==> flow/design.v <==
module core_shift #(
   parameter W = 80,
   parameter LOGN = $clog2(W)
) (
   input ck,
   input [W-1:0] val,
   input [LOGN-1:0] sh,
   input lr,
   output [W-1:0] result
);
   reg [W-1:0] result_r;
   always @(posedge ck) begin
      result_r <= lr ? val << sh : val >> sh;
   end
   assign result = result_r;
endmodule
======== Step by step through the tools: core_shift ========
The steps from the RTL of core_shift to its reports follow in flow order.
Lines are those of the file above, counted from 1.
Operators: Yosys type, input widths -> output width; for muxes data width and select width s.
Library cell names are shortened.
A cell with - has no value.
set-up
  top ..................................... core_shift
  clock input ............................. ck
  library ................................. sky130hd
  timing corner ........................... tt_025C_1v80

======== Word-level counts ========
Yosys after proc, flatten, opt, wreduce and memory -nomap, before mapping. Enables and synchronous resets that opt folds into registers are not counted as muxes. Memory bits, and registers merged into a memory's read port (data or address), are not among the register bits. Print and check cells are not counted. Equal cells are merged and count once.
bit counts
  flip-flop bits (word level) ............. 80
  output and inout bits ................... 80
  cells after elaboration ................. 4
operators by class
  shift-type cells ........................ 2
  multiplexer cells ....................... 1
operators by type and width
  cell           number
  $shl 80x7->80  1
  $shr 80x7->80  1
  $mux 80        1

======== Depth ========
Yosys ltp: most cells in a row. Word level: on the elaborated netlist, between registers, memories and ports. Mapped: between sequential cells and ports; inverters and the memories' decode and read muxes count.
logic depth
  word-level depth ........................ 2
  ABC_AREA ................................ 0
  mapped depth ............................ 12

======== Mapped cells and area ========
Yosys stat after the flow's synthesis: flattened, memories mapped to cells. It holds for the ABC_AREA given above (unset counts as 0); a run with the other value may have another netlist.
Totals and module areas in this step are rounded.
cells by type
  cell type  number  total area (um2)
  mux4_2     184     4.14E+03
  dfxtp_1    80      1.6E+03
  mux2i_1    142     1.42E+03
  mux2_2     119     1.34E+03
  nor2_1     189     709.43
  nand2_1    124     465.446
  a21oi_1    63      315.302
  clkbuf_1   72      270.259
  a22oi_1    34      255.245
  o21ai_0    49      245.235
  buf_2      46      230.221
  a211oi_1   24      180.173
  o22ai_1    28      175.168
  o211ai_1   22      165.158
  o221ai_1   17      148.893
  a221o_1    14      140.134
  buf_6      12      135.13
  nand3_1    27      135.13
Not listed: further types 49, cells in them 275.
synthesis totals
  mapped cells ............................ 1521
  synthesis area .......................... 14000 um2
  sequential part of the area ............. 1600 um2
  flip-flop cells ......................... 80
  buffers ................................. 169

======== Path before layout ========
Source: OpenSTA report_checks on the synthesized netlist (no wires, ideal clock, input and output delay 20% of the period each), path of least setup slack; recovery checks are left aside. Register names are those of the netlist, which keeps one name where synthesis merged equal registers.
timing path post-synthesis
  path type ............................... input to register
  start point ............................. input port sh[1]
  end point ............................... register result_r[77]
  period .................................. 3.23 ns
  input delay ............................. 0.646 ns
  setup time .............................. 0.124 ns
  time at the first pin ................... 0.646 ns
  arrival ................................. 2.592 ns
  data required time ...................... 3.106 ns
  setup slack ............................. 0.514 ns
  path delay .............................. 2.070 ns
  driving pins on the path ................ 8
  path buffers ............................ 3
  synthesis period reached ................ 2.716 ns
"path delay" = arrival - input delay + setup time.
"driving pins on the path": output pins that drive a net of the path, with the launching flip-flop's if there is one; two outputs of one cell count as two.
"synthesis period reached" = period - worst setup slack (recovery checks aside). The figure is calculated, with input and output delays left at 20% of the set period.
The rows between start and end are the longest chain of elaborated cells between them; the timing report does not say that the signal goes this way. Where chains are equally long, one stands for them.
A line is the first line of the expression or statement that the cell stems from. Yosys adds cells for indexed reads and writes and turns some case tables into memories.
between the ends, post-synthesis
  cells stage by stage .................... buf_6 -> buf_8 -> buf_6 -> mux4_2 -> mux4_2 -> nand2_1 -> o21ai_1 -> a2111o_1
  cells in the longest elaborated chain ... 2
RTL lines, path post-synthesis
  element        line  text
  from (decl)    7     input [LOGN-1:0] sh,
  $shr 80x7->80  13    result_r <= lr ? val << sh : val >> sh;
  $mux 80        13
  to (assign)    13
  to (decl)      11    reg [W-1:0] result_r;

======== Worst path after layout ========
Path of least setup slack in the final report of flow run 1 (OpenROAD, finished layout, wires in). Where an end is a register, its clock arrival counts in the times.
timing path after layout
  path type ............................... input to register
  start point ............................. input port val[17]
  end point ............................... register result_r[76]
  period .................................. 3.41 ns
  input delay ............................. 0.68 ns
  setup time .............................. 0.13 ns
  time at the first pin ................... 0.68 ns
  arrival ................................. 3.57 ns
  data required time ...................... 3.64 ns
  setup slack ............................. 0.07 ns
  driving pins on the path ................ 7
  path buffers ............................ 1
between the ends, after layout
  cells stage by stage .................... clkdlybuf4s50_1 -> mux4_2 -> mux2_2 -> mux2i_1 -> mux2i_1 -> a221oi_2 -> o21ai_1
RTL lines, path after layout
  element      line  text
  from (decl)  6     input [W-1:0] val,
  to (assign)  13    result_r <= lr ? val << sh : val >> sh;
  to (decl)    11    reg [W-1:0] result_r;
Chain of elaborated cells between the ends: none given.

==> results <==
Module core_shift, platform sky130hd: 3 stored runs of the flow (Yosys, OpenROAD) with differing settings, in no particular order. Input and output delays are each 20% of the period that was set; the output load is 0.01 pF.
"period achieved": clock period set for the run, less the worst setup slack. It is reckoned from that one timing run; input and output delays stay at 20% of the period that was set.
"time used up by the worst setup path" means the part of the period allowed to the worst setup path (the constraints hold back 20% at inputs and 20% at outputs) less its slack; where the path has registers, the arrival times of their clocks count too.
"total power of the final layout": no workload was simulated; the value follows from the tool's default switching activity.
Results are given in rounded form.

---- flow run 1 ----
settings
  period_ns = 3.41
  CORE_UTILIZATION = 35
  PLACE_DENSITY_LB_ADDON = 0.07
  CELL_PAD_IN_SITES_GLOBAL_PLACEMENT = 1
  CELL_PAD_IN_SITES_DETAIL_PLACEMENT = 0
  TNS_END_PERCENT = 70
  CTS_CLUSTER_SIZE = 24
  CAP_MARGIN = 15
  MIN_ROUTING_LAYER = met1
  CORE_MARGIN = 2
  SLEW_MARGIN = 20
results
  total power of the final layout ......... 5510 µW
  post-route worst hold slack ............. 0.890 ns
  standard-cell area after layout ......... 17800 um2
  period achieved ......................... 3.339 ns
  total negative slack on setup checks .... 0.000 ns
  lowest setup slack ...................... 0.071 ns
  chip area in the Yosys report ........... 14000 um2
  time used up by the worst setup path .... 2.66 ns
  worst setup path type ................... input to register
  total die area .......................... 41700 um2
  utilization ............................. 45.0 %

---- flow run 2 ----
settings
  period_ns = 3.23
  CAP_MARGIN = 20
  CORE_MARGIN = 2
  CORE_UTILIZATION = 40
  SLEW_MARGIN = 20
results
  total power of the final layout ......... 5880 µW
  post-route worst hold slack ............. 0.849 ns
  standard-cell area after layout ......... 18200 um2
  period achieved ......................... 3.154 ns
  total negative slack on setup checks .... 0.000 ns
  lowest setup slack ...................... 0.076 ns
  chip area in the Yosys report ........... 14000 um2
  time used up by the worst setup path .... 2.51 ns
  worst setup path type ................... input to register
  total die area .......................... 36600 um2
  utilization ............................. 52.8 %

---- flow run 3 ----
settings
  period_ns = 2.29
  CORE_UTILIZATION = 22
  SETUP_SLACK_MARGIN = 0.57
  PLACE_DENSITY_LB_ADDON = 0.24
  CORE_ASPECT_RATIO = 0.54
  CELL_PAD_IN_SITES_GLOBAL_PLACEMENT = 3
  CELL_PAD_IN_SITES_DETAIL_PLACEMENT = 1
  TNS_END_PERCENT = 15
  GPL_ROUTABILITY_DRIVEN = 1
  CAP_MARGIN = 25
  SLEW_MARGIN = 5
  MIN_ROUTING_LAYER = met2
  MAX_ROUTING_LAYER = met4
  CORE_MARGIN = 2
results
  no final report: routing broke off with GRT-0116
